==> flow/design.v <==
module cpu_multiplier_v2 #(
  parameter integer WD = 32,
  parameter integer MULT_BY = 46341,
  parameter integer SUM_W = WD + $clog2(MULT_BY + 1)
) (
  input wire i_clk,
  input wire rst_i,
  input wire adv,
  input wire [WD-1:0] u,
  output wire [SUM_W-1:0] q
);
  reg [WD-1:0] u_r;
  always @(posedge i_clk) begin
    if (rst_i) begin
      u_r <= 0;
    end else if (adv) begin
      u_r <= u;
    end
  end
  reg [SUM_W-1:0] r;
  integer k;
  always @* begin
    r = 0;
    for (k = 0; k < SUM_W - WD; k = k + 1)
      if ((MULT_BY >> k) & 1) r = r + (u_r << k);
  end
  assign q = r;
endmodule
# Step by step through the tools: cpu_multiplier_v2
# Tool output for the design above, in the order of the flow.
# Line numbers count from 1 in the design file above.
# Operators: Yosys type, input widths -> output width; for muxes data width and select width s.
# Cell names lack the library's common part.
# A cell with - has no value.
[inputs]
top = "cpu_multiplier_v2"
clock_port = "i_clk"
lib = "sky130hd"
pvt_corner = "tt_025C_1v80"

# Word level
# Yosys after proc, flatten, opt, wreduce and memory -nomap, before mapping. Enables and synchronous resets that opt folds into registers are not counted as muxes. Memory bits, and registers merged into a memory's read port (data or address), are not among the register bits. Print and check cells are not counted. Equal cells are merged and count once.
[word_totals]
word_cells = 7
out_inout_bits = 48
reg_bits = 32
input_bits = 35
[classes]
add_sub_neg = 6
[ops]
columns = ["operator", "n"]
rows = [
  ["$add 46x47->48", 1],
  ["$add 45x45->46", 1],
  ["$add 43x44->45", 1],
  ["$add 41x42->43", 1],
  ["$add 35x40->41", 1],
  ["$add 32x34->35", 1],
]

# Longest topological paths
# Longest topological path by Yosys (ltp), each cell counted once; first at word level (registers and memories cut), then after technology mapping (sequential cells cut; the memories' decode and read muxes count).
[logic_depth]
ltp_word = 6
abc_area = 0
depth_mapped = 19
mapped_depth_nobuf = 18

# Mapped cells and area
# Yosys stat after the flow's synthesis: flattened, memories mapped to cells. It holds for the ABC_AREA given above (unset counts as 0); a run with the other value may have another netlist.
[mapped]
mapped_cells = 789
ff_cells = 32
n_buf = 19
mapped_area_um2 = 7495.9
seqArea_um2 = 640.6
[types]
columns = ["cell_type", "n", "area_total_um2"]
rows = [
  ["fa_1", 135, 2.7E+03],
  ["ha_1", 103, 1.29E+03],
  ["inv_1", 190, 713.184],
  ["dfxtp_1", 32, 640.614],
  ["mux2i_1", 32, 320.307],
  ["xnor2_1", 26, 227.718],
  ["a21oi_1", 43, 215.206],
  ["nor2_1", 45, 168.912],
  ["a21o_1", 21, 157.651],
  ["xor2_1", 13, 113.859],
  ["o21ai_0", 20, 100.096],
  ["nand2_1", 20, 75.072],
  ["nand3_1", 12, 60.058],
  ["nand4_1", 9, 56.304],
  ["a31oi_4", 2, 42.541],
  ["clkbuf_1", 11, 41.29],
  ["nor3_1", 7, 35.034],
  ["nor2b_1", 5, 31.28],
]
# Other cell types: 37; their cells: 63.

# Path before layout
# OpenSTA on the mapped netlist: ideal clock, no wires. The path of least setup slack (recovery checks aside). Input and output delay are each 20% of the period. Register names are those of the netlist, which keeps one name where synthesis merged equal registers.
[synth_path]
path_type = "register to output"
from = "register u_r[5]"
to = "output port q[46]"
path_stages = 20
period_ns = 7.48
t_required_ns = 5.984
t_arrival_ns = 4.788
n_path_buf = 1
launch_ns = 0.000
path_slack_ns = 1.196
delay_ns = 4.788
out_delay_ns = 1.496
synth_period_reached_ns = 6.284
# "delay_ns" is the arrival time less input delay plus setup time.
# At an output port there is no setup time.
# "path_stages" counts driving pins, that of a launching flip-flop among them; a cell with two outputs on the path counts twice.
# "synth_period_reached_ns" is the clock period less the worst setup slack; recovery checks do not enter. This is arithmetic on one report: input and output delays are still those of the set period (20% each).
# Between the ends stands the longest chain of elaborated cells between them, by number of cells; it is not shown to be the way that was timed. Of several equally long chains one is given.
# A line is the first line of the expression or statement that the cell stems from. Yosys adds cells for indexed reads and writes and turns some case tables into memories.
[synth_between]
path_cell_list = "dfxtp_1 inv_1 fa_1 inv_1 fa_1 fa_1 inv_1 fa_1 inv_1 ha_1 buf_2 nand3_2 nor4b_2 a211oi_2 a31oi_4 a31o_1 a31oi_2 o31a_1 a21oi_2 xor2_1"
elab_chain_cells = 6
cells_between = 6
lines_between = 1
cone_classes = "add/sub: 6"
[synth_lines]
columns = ["element", "line_no", "rtl"]
rows = [
  ["start, declared", 12, "reg [WD-1:0] u_r;"],
  ["start, assigned", 15, "u_r <= 0;"],
  ["start, assigned", 17, "u_r <= u;"],
  ["$add 32x34->35", 25, "if ((MULT_BY >> k) & 1) r = r + (u_r << k);"],
  ["$add 35x40->41", 25, ""],
  ["$add 41x42->43", 25, ""],
  ["$add 43x44->45", 25, ""],
  ["$add 45x45->46", 25, ""],
  ["$add 46x47->48", 25, ""],
  ["end, declared", 10, "output wire [SUM_W-1:0] q"],
]

# Timing after layout
# From the final timing report of entry A: the path of least setup slack in the routed layout; clock arrival at registers is part of the times.
[layout_path]
path_type = "register to output"
from = "register u_r[2]"
to = "output port q[44]"
t_required_ns = 5.98
t_arrival_ns = 5.75
path_slack_ns = 0.24
n_path_buf = 1
launch_ns = 0.27
path_stages = 20
out_delay_ns = 1.50
period_ns = 7.48
# Between the ends stands the longest chain of elaborated cells between them, by number of cells; it is not shown to be the way that was timed. Of several equally long chains one is given.
[layout_between]
path_cell_list = "dfxtp_2 inv_2 fa_1 inv_1 fa_1 fa_1 inv_1 fa_1 inv_1 ha_1 a21o_1 o2bb2ai_2 a211oi_4 a31oi_4 a31o_1 a31oi_2 o31a_1 nor2b_4 xnor2_1 clkdlybuf4s50_1"
elab_chain_cells = 6
cells_between = 6
lines_between = 1
cone_classes = "add/sub: 6"
[layout_lines]
columns = ["element", "line_no", "rtl"]
rows = [
  ["start, declared", 12, "reg [WD-1:0] u_r;"],
  ["start, assigned", 15, "u_r <= 0;"],
  ["start, assigned", 17, "u_r <= u;"],
  ["$add 32x34->35", 25, "if ((MULT_BY >> k) & 1) r = r + (u_r << k);"],
  ["$add 35x40->41", 25, ""],
  ["$add 41x42->43", 25, ""],
  ["$add 43x44->45", 25, ""],
  ["$add 45x45->46", 25, ""],
  ["$add 46x47->48", 25, ""],
  ["end, declared", 10, "output wire [SUM_W-1:0] q"],
]

# cpu_multiplier_v2 through Yosys and OpenROAD on sky130hd: 3 stored runs, unordered, with their settings and measured results. The constraints put input and output delay at 20% of the set period each and load the outputs with 0.01 pF.
# "period_less_ws_ns" = clock period - worst setup slack. The figure is calculated, with input and output delays left at 20% of the set period.
# "power_mw" is the tool's figure for a default switching activity; nothing was simulated.

[[run]]
name = "entry A"
[run.settings]
period_ns = 7.48
CAP_MARGIN = 20
CORE_MARGIN = 2
CORE_UTILIZATION = 40
SLEW_MARGIN = 20
[run.results]
ws_hold_ns = 0.559
layout_utilization_pct = 48.7
period_less_ws_ns = 7.241
finalCellArea_um2 = 9026.2
die_area_um2 = 19851.4
post_synth_area_um2 = 7495.9
worst_setup_slack_ns = 0.239
power_mw = 2.623

[[run]]
name = "entry B"
[run.settings]
period_ns = 7.56
CORE_UTILIZATION = 34
PLACE_DENSITY_LB_ADDON = 0.11
HOLD_SLACK_MARGIN = 0.18
CELL_PAD_IN_SITES_GLOBAL_PLACEMENT = 3
CELL_PAD_IN_SITES_DETAIL_PLACEMENT = 2
GPL_TIMING_DRIVEN = 1
CTS_CLUSTER_DIAMETER = 29
MIN_ROUTING_LAYER = "met2"
MAX_ROUTING_LAYER = "met5"
CAP_MARGIN = 20
CORE_MARGIN = 2
SLEW_MARGIN = 20
[run.results]
period_less_ws_ns = 7.396
die_area_um2 = 23250.2
worst_setup_slack_ns = 0.164
ws_hold_ns = 0.591
power_mw = 2.757
finalCellArea_um2 = 9102.5
layout_utilization_pct = 41.8
post_synth_area_um2 = 7495.9

[[run]]
name = "entry C"
[run.settings]
period_ns = 6.28
CORE_UTILIZATION = 46
PLACE_DENSITY_LB_ADDON = 0.08
CELL_PAD_IN_SITES_DETAIL_PLACEMENT = 0
TNS_END_PERCENT = 60
ABC_AREA = 1
SLEW_MARGIN = 25
CAP_MARGIN = 20
CORE_MARGIN = 2
[run.results]
period_less_ws_ns = 6.096
power_mw = 5.553
die_area_um2 = 19341.9
worst_setup_slack_ns = 0.184
finalCellArea_um2 = 10229.8
ws_hold_ns = 0.569
layout_utilization_pct = 57.1
post_synth_area_um2 = 8393.0
